==> flow/design.v <==
module gen_summer_p (core_clk, clr, arg0, arg1, arg2, q);
  parameter integer NBITS = 24;
  input core_clk;
  input clr;
  input [NBITS-1:0] arg0;
  input [NBITS-1:0] arg1;
  input [NBITS-1:0] arg2;
  output [NBITS+1:0] q;
  reg [NBITS-1:0] arg0_s;
  reg [NBITS-1:0] arg1_s;
  reg [NBITS-1:0] arg2_s;
  always @(posedge core_clk or posedge clr) begin
    if (clr) begin
      arg0_s <= 0;
      arg1_s <= 0;
      arg2_s <= 0;
    end else begin
      arg0_s <= arg0;
      arg1_s <= arg1;
      arg2_s <= arg2;
    end
  end
  assign q = arg0_s + arg1_s + arg2_s;
endmodule
# ---- Reports on gen_summer_p
# The steps from the RTL of gen_summer_p to its reports follow in flow order.
# Lines are those of the file above, counted from 1.
# Operators: Yosys type, input widths -> output width; for muxes data width and select width s.
# Cell names lack the library's common part.
# Not given: -
dict set report inputs {
  top {gen_summer_p}
  clk_port {core_clk}
  cell_library {sky130hd}
  corner {tt_025C_1v80}
}

# ---- After elaboration
# Source: Yosys, flattened and elaborated, memories not mapped. Widths are those after wreduce; folded enables and synchronous resets count as part of the registers. Registers that Yosys merges into a memory's read port (data or address) are not register bits. Print and check cells do not count. Equal cells are merged and count once.
dict set report bits {
  out_inout_bits 26
  latch_bits 0
  elab_cells 5
  mem_count 0
  mem_bits_rw 0
  in_bits 74
  romBits 0
  clocked_rd_ports_x_width 0
  register_bits 72
}
dict set report op_classes {
  eq_ne 0
  bitwise 0
  mul 0
  n_mux 0
  div 0
  addsub 2
  compare 0
  reduce_logical 0
  n_shift 0
}
# op n
set ops {}
lappend ops {{$add 25x24->26} 1}
lappend ops {{$add 24x24->25} 1}

# ---- Depth
# Depth = most cells in a row (Yosys ltp): at word level without a register or memory, in the mapped netlist without a sequential cell, where the memories' decode and read muxes count.
dict set report logic_depth {
  ltp_word 2
  abc_area 0
  depth_mapped 11
  mapped_depth_nobuf 11
}

# ---- Netlist
# Source: synth_stat.txt of the flow (Yosys; design flattened, memories mapped). It holds for the ABC_AREA given above (unset counts as 0); a run with the other value may have another netlist.
# cell_type n type_area_um2
set types {}
lappend types {dfrtp_1 72 1.8E+03}
lappend types {fa_1 25 500.48}
lappend types {ha_1 23 287.776}
lappend types {a21oi_1 23 115.11}
lappend types {xnor2_1 13 113.859}
lappend types {xor2_1 7 61.309}
lappend types {nand2_1 16 60.058}
lappend types {o21ai_0 12 60.058}
lappend types {inv_1 10 37.536}
lappend types {nand4_1 6 37.536}
lappend types {o21a_1 5 37.536}
lappend types {a21o_1 4 30.029}
lappend types {nand3_1 6 30.029}
lappend types {nor2_1 8 30.029}
lappend types {o311a_1 3 30.029}
lappend types {a2111oi_4 1 27.526}
lappend types {nor3_1 5 25.024}
lappend types {or3_1 3 18.768}
# Other cell types: 26; their cells: 31.
dict set report synth_totals {
  ff_cells 72
  n_buf 4
  yosys_area_um2 3557.2
  cells 273
  seq_area_um2 1801.7
}

# ---- Worst setup path after synthesis
# Source: OpenSTA report_checks on the synthesized netlist (no wires, ideal clock, input and output delay 20% of the period each), path of least setup slack; recovery checks are left aside. Register names are those of the netlist, which keeps one name where synthesis merged equal registers.
dict set report synth_path {
  path_type {register to output}
  start {register arg0_s[1]}
  end {output q[23]}
  t_first_pin_ns 0.000
  required_time_ns 3.368
  arrival_time_ns 2.696
  path_slack_ns 0.672
  path_stages 10
  path_buffers 0
  path_delay_ns 2.696
  output_delay_ns 0.842
  period_ns 4.21
  synth_period_reached_ns 3.538
}
# "path_delay_ns" = arrival - input delay + setup time.
# A path that ends at an output port has no setup time.
# "path_stages": output pins that drive a net of the path, with the launching flip-flop's if there is one; two outputs of one cell count as two.
# "synth_period_reached_ns" is the clock period less the worst setup slack; recovery checks do not enter. This is arithmetic on one report: input and output delays are still those of the set period (20% each).
# Between the ends stands the longest chain of elaborated cells between them, by number of cells; it is not shown to be the way that was timed. Of several equally long chains one is given.
# A line is the first line of the expression or statement that the cell stems from. Yosys adds cells for indexed reads and writes and turns some case tables into memories.
dict set report synth_between {
  cell_sequence {dfrtp_1 > fa_1 > ha_1 > fa_1 > a21oi_1 > o21ai_0 > a211oi_1 > o21a_1 > o31ai_1 > xor2_1}
  elab_chain_cells 2
  cone_cells 2
  lines_between 1
  classes_between {add/sub (2)}
}
# element line
set synth_rtl {}
lappend synth_rtl {{start, declared} 9} ;# reg [NBITS-1:0] arg0_s;
lappend synth_rtl {{start, assigned} 14} ;# arg0_s <= 0;
lappend synth_rtl {{start, assigned} 18} ;# arg0_s <= arg0;
lappend synth_rtl {{$add 24x24->25} 23} ;# assign q = arg0_s + arg1_s + arg2_s;
lappend synth_rtl {{$add 25x24->26} 23}
lappend synth_rtl {{end, declared} 8} ;# output [NBITS+1:0] q;

# ---- Worst path after layout
# Path of least setup slack in the final report of flow run A (OpenROAD, finished layout, wires in). Where an end is a register, its clock arrival counts in the times.
dict set report layout_path {
  path_type {register to output}
  start {register arg0_s[1]}
  end {output q[23]}
  output_delay_ns 0.84
  path_slack_ns 0.17
  arrival_time_ns 3.20
  period_ns 4.21
  t_first_pin_ns 0.33
  required_time_ns 3.37
  path_stages 12
  path_buffers 2
}
# Between the ends stands the longest chain of elaborated cells between them, by number of cells; it is not shown to be the way that was timed. Of several equally long chains one is given.
dict set report layout_between {
  cell_sequence {dfrtp_1 > fa_1 > ha_1 > fa_2 > a21oi_2 > o21ai_1 > a211oi_2 > buf_4 > o21a_1 > o31ai_1 > xor2_1 > dlygate4sd2_1}
  elab_chain_cells 2
  cone_cells 2
  lines_between 1
  classes_between {add/sub (2)}
}
# element line
set layout_rtl {}
lappend layout_rtl {{start, declared} 9} ;# reg [NBITS-1:0] arg0_s;
lappend layout_rtl {{start, assigned} 14} ;# arg0_s <= 0;
lappend layout_rtl {{start, assigned} 18} ;# arg0_s <= arg0;
lappend layout_rtl {{$add 24x24->25} 23} ;# assign q = arg0_s + arg1_s + arg2_s;
lappend layout_rtl {{$add 25x24->26} 23}
lappend layout_rtl {{end, declared} 8} ;# output [NBITS+1:0] q;

# Module gen_summer_p, platform sky130hd: 3 stored runs of the flow (Yosys, OpenROAD) with differing settings, in no particular order. Input and output delays are each 20% of the period that was set; the output load is 0.01 pF.
# "achievedPeriod_ns" = clock period - worst setup slack. The figure is calculated, with input and output delays left at 20% of the set period.
# "worst_path_time_ns": the worst setup path's part of the clock period (all of it between registers, 20% less for each end at a port) less its slack. A launch clock that arrives late makes it longer, a capture clock that arrives late makes it shorter.
# By "power_total_uw" is meant OpenSTA's value without simulated activity: inputs other than the clock are taken to toggle once in ten clock periods, and the tool carries that through the logic.
run="flow run A" settings period_ns=4.21 CAP_MARGIN=20 CORE_MARGIN=2 CORE_UTILIZATION=40 SLEW_MARGIN=20
run="flow run A" results stdcell_area_um2=5016.1 power_total_uw=2179 worstSetupSlack_ns=0.169 timing.setup.tns_ns=0.000 design.die.area_um2=9662.9 ws_hold_ns=0.934 achievedPeriod_ns=4.041 utilization_frac=0.578 synthArea_um2=3557.2 worst_path_time_ns=3.20 timing.worst_path_kind="register to output"
run="flow run B" settings period_ns=2.84 CORE_UTILIZATION=64 SETUP_SLACK_MARGIN=-0.28 PLACE_DENSITY_LB_ADDON=0.04 CELL_PAD_IN_SITES_DETAIL_PLACEMENT=0 TNS_END_PERCENT=55 ABC_AREA=0 GPL_ROUTABILITY_DRIVEN=1 CTS_CLUSTER_SIZE=85 MIN_ROUTING_LAYER="met1" MAX_ROUTING_LAYER="met4" CAP_MARGIN=20 CORE_MARGIN=2 SLEW_MARGIN=20
run="flow run B" outcome="incomplete, clock tree synthesis halted on DPL-0038"
run="flow run C" settings period_ns=2.29 CORE_UTILIZATION=72 PLACE_DENSITY=0.35 CORE_MARGIN=7 TNS_END_PERCENT=85 GPL_ROUTABILITY_DRIVEN=0 SLEW_MARGIN=30 MIN_ROUTING_LAYER="met1" CAP_MARGIN=20
run="flow run C" outcome="incomplete, placement halted on GPL-0301"
